==> flow/design.v <==
module alu_sub_unit_rtl #(
    parameter WD = 20
) (
    input  wire i_clk,
    input  wire rst_ni,
    input  wire ce,
    input  wire [WD-1:0] i_rs1,
    input  wire i_sub,
    input  wire i_zero,
    output wire [WD-1:0] o_q
);
    reg [WD-1:0] accum;
    always @(posedge i_clk or negedge rst_ni) begin
        if (!rst_ni) begin
            accum <= 0;
        end else if (ce) begin
            accum <= i_zero ? i_rs1 : i_sub ? accum - i_rs1 : accum + i_rs1;
        end
    end
    assign o_q = accum;
endmodule
From RTL to reports: alu_sub_unit_rtl. What the tools print for alu_sub_unit_rtl, step after step. Line numbers count from 1 in the design file above. Library cell names are shortened. A cell with -- has no value.

Top module: alu_sub_unit_rtl. Clock input: i_clk. Standard-cell library: sky130hd. Library corner: tt_025C_1v80.

Word level. Counts by Yosys on the flattened word-level netlist (proc, flatten, opt, wreduce; memories kept). Register bits leave out memories and registers merged into their read ports (data or address); mux counts leave out enables and synchronous resets folded into registers. Print and check cells are left out. Cells with the same type and inputs are merged into one.

The figure for elaborated cells is 5. The entry for input port bits reads 25. The figure for output and inout bits is 20. Flip-flop bits (word level): 20.

Muxes and demuxes: 2. For add/sub/neg operators the number is 2.

Operators with widths (count): two-way mux 20 bit (2); adder 20 bit (1); subtractor 20 bit (1).

Depth. Depth = most cells in a row (Yosys ltp): at word level without a register or memory, in the mapped netlist without a sequential cell, where the memories' decode and read muxes count.

The entry for depth in word-level cells reads 3. For ABC_AREA the number is 0. For mapped depth the number is 15. Under mapped depth without buffers stands 14.

Mapped cells and area. Source: synth_stat.txt of the flow (Yosys; design flattened, memories mapped). It holds for the ABC_AREA given above (unset counts as 0); a run with the other value may have another netlist. The area totals of this step are shown rounded.

For cells in the netlist the number is 293. Buffer cells: 15. For flip-flop cells the number is 20. The entry for sequential part of the area reads 500 µm². The figure for synthesis area is 2300 µm².

Cells by type: dfrtp_1 (count 20, total area 500.48 µm²); ha_1 (count 20, total area 250.24 µm²); xnor2_1 (count 26, total area 227.718 µm²); a21oi_1 (count 36, total area 180.173 µm²); nor2_1 (count 34, total area 127.622 µm²); a21o_1 (count 13, total area 97.594 µm²); o21ai_0 (count 15, total area 75.072 µm²); mux2i_1 (count 7, total area 70.067 µm²); xor2_1 (count 8, total area 70.067 µm²); a31oi_1 (count 11, total area 68.816 µm²); nor2b_1 (count 8, total area 50.048 µm²); inv_1 (count 13, total area 48.797 µm²); clkbuf_1 (count 12, total area 45.043 µm²); nor4_4 (count 2, total area 42.541 µm²); nand3_1 (count 8, total area 40.038 µm²); nor3_1 (count 7, total area 35.034 µm²); nand2_1 (count 9, total area 33.782 µm²); nand2b_1 (count 5, total area 31.28 µm²).

Other cell types: 26; their cells: 39.

Worst setup path after synthesis. Path of least setup slack by OpenSTA after synthesis, without wires, with an ideal clock, recovery checks aside; 20% of the period is set as input and as output delay. Where synthesis merged equal registers, the netlist keeps one of their names.

Path type: input to register. Start point: in i_rs1[4]. End point: reg accum[18]. The entry for clock period reads 4400 ps. For external input delay the number is 880 ps. Under stages stands 13. The figure for path buffers is 1. Under setup time stands 126 ps. For setup slack the number is 701 ps. For data required time the number is 4274 ps. The entry for time at the first pin reads 880 ps. Delay of the path: 2818 ps. The figure for data arrival time is 3572 ps. Under period reached after synthesis stands 3699 ps.

"delay of the path" is the arrival time less input delay plus setup time. "stages": output pins that drive a net of the path, with the launching flip-flop's if there is one; two outputs of one cell count as two. "period reached after synthesis" is the clock period less the worst setup slack; recovery checks do not enter. This is arithmetic on one report: input and output delays are still those of the set period (20% each). Between the ends stands the longest chain of elaborated cells between them, by number of cells; it is not shown to be the way that was timed. Of several equally long chains one is given. Each line given opens the expression or statement behind the cell; cells for indexed reads and writes are added by Yosys, which also makes memories of some case tables.

Path through: or3_4 nor4_1 a21oi_1 xnor2_1 ha_1 buf_2 a21o_1 a31oi_1 o21ai_0 a21oi_1 o221ai_1 mux2i_1 a311o_1. Cells in the longest elaborated chain: 3. The figure for elaborated cells on any way between the ends is 4. The figure for RTL lines with such cells is 1. Those cells by class: add/sub (2); mux (2).

RTL lines, path after synthesis: start, declared (RTL line 7) `input  wire [WD-1:0] i_rs1,`; adder 20 bit (RTL line 17) `accum <= i_zero ? i_rs1 : i_sub ? accum - i_rs1 : accum + i_rs1;`; two-way mux 20 bit (2 in a row) (RTL line 17); end, assigned (RTL line 15) `accum <= 0;`; end, assigned (RTL line 17); end, declared (RTL line 12) `reg [WD-1:0] accum;`.

Timing after layout. Path of least setup slack in the final report of flow run B (OpenROAD, finished layout, wires in). Where an end is a register, its clock arrival counts in the times. The report prints the path's times to 10 ps; the period is as set.

Path type: input to register. Start point: in i_rs1[2]. End point: reg accum[18]. For setup slack the number is 390 ps. For external input delay the number is 880 ps. The entry for clock period reads 4400 ps. For data required time the number is 4540 ps. Under setup time stands 110 ps. The figure for path buffers is 1. The figure for data arrival time is 4150 ps. The entry for time at the first pin reads 880 ps. Under stages stands 13.

Between the ends stands the longest chain of elaborated cells between them, by number of cells; it is not shown to be the way that was timed. Of several equally long chains one is given.

Path through: clkdlybuf4s50_1 or3_1 nor3_1 nor2_1 xnor2_1 ha_1 and3_1 a22oi_1 a21oi_2 a31oi_1 o221ai_1 mux2i_1 a311o_1. Cells in the longest elaborated chain: 3. The figure for elaborated cells on any way between the ends is 4. The figure for RTL lines with such cells is 1. Those cells by class: add/sub (2); mux (2).

RTL lines, path after layout: start, declared (RTL line 7) `input  wire [WD-1:0] i_rs1,`; adder 20 bit (RTL line 17) `accum <= i_zero ? i_rs1 : i_sub ? accum - i_rs1 : accum + i_rs1;`; two-way mux 20 bit (2 in a row) (RTL line 17); end, assigned (RTL line 15) `accum <= 0;`; end, assigned (RTL line 17); end, declared (RTL line 12) `reg [WD-1:0] accum;`.

Lab notebook: alu_sub_unit_rtl

Below are 3 stored runs of the flow (Yosys, OpenROAD; platform sky130hd) on alu_sub_unit_rtl, each with its settings and what was measured, unordered. Constraints: input delay and output delay 20% of the set period each, output load 0.01 pF. "reached clock period": clock period set for the run, less the worst setup slack. It is reckoned from that one timing run; input and output delays stay at 20% of the period that was set. "time of the worst setup path" is the time allowed to the run's worst setup path (the clock period less input and output delay, where it has them) less its slack. Clock arrival times count: a late capture clock shortens it, a late launch clock lengthens it. "total power after layout" rests on the timing tool's default activity at the inputs, not on a simulated workload. "time of the worst setup path" is known to 10 ps. Measured values are rounded.

Flow run A has these settings: period_ns 4.35; CORE_UTILIZATION 47; PLACE_DENSITY_LB_ADDON 0.14; CORE_ASPECT_RATIO 0.55; CORE_MARGIN 9; CELL_PAD_IN_SITES_GLOBAL_PLACEMENT 0; CELL_PAD_IN_SITES_DETAIL_PLACEMENT 2; CTS_CLUSTER_SIZE 18; CTS_CLUSTER_DIAMETER 81; SLEW_MARGIN 0; CAP_MARGIN 20. Outcome: no results, placement failed with DPL-0033.

Flow run B has these settings: period_ns 4.4; CAP_MARGIN 20; CORE_MARGIN 2; CORE_UTILIZATION 40; SLEW_MARGIN 20. The measured netlist area reported by Yosys is 2300 µm². The full die area stands at 6500 µm². The standard-cell area after layout comes to 2900 µm². The utilization after layout reads 0.53. The worst setup slack after layout is 390 ps. The measured setup TNS is 0 ps. The lowest hold slack reads 550 ps. The total power after layout is 1500 uW. For the reached clock period the run shows 4007 ps. The measured time of the worst setup path is 3130 ps. Critical path type: input to register.

Flow run C has these settings: period_ns 3.42; CORE_UTILIZATION 17; SETUP_SLACK_MARGIN -0.02; PLACE_DENSITY_LB_ADDON 0.2; HOLD_SLACK_MARGIN 0.12; CELL_PAD_IN_SITES_GLOBAL_PLACEMENT 3; TNS_END_PERCENT 40; ABC_AREA 0; CTS_CLUSTER_DIAMETER 151; CAP_MARGIN 35; SLEW_MARGIN 5; MIN_ROUTING_LAYER met2; CORE_MARGIN 2. The measured netlist area reported by Yosys is 2300 µm². The full die area stands at 15000 µm². The standard-cell area after layout comes to 4000 µm². The utilization after layout reads 0.3. The worst setup slack after layout is 120 ps. The measured setup TNS is 0 ps. The lowest hold slack reads 560 ps. The total power after layout is 2800 uW. For the reached clock period the run shows 3301 ps. The measured time of the worst setup path is 2620 ps. Critical path type: input to register.
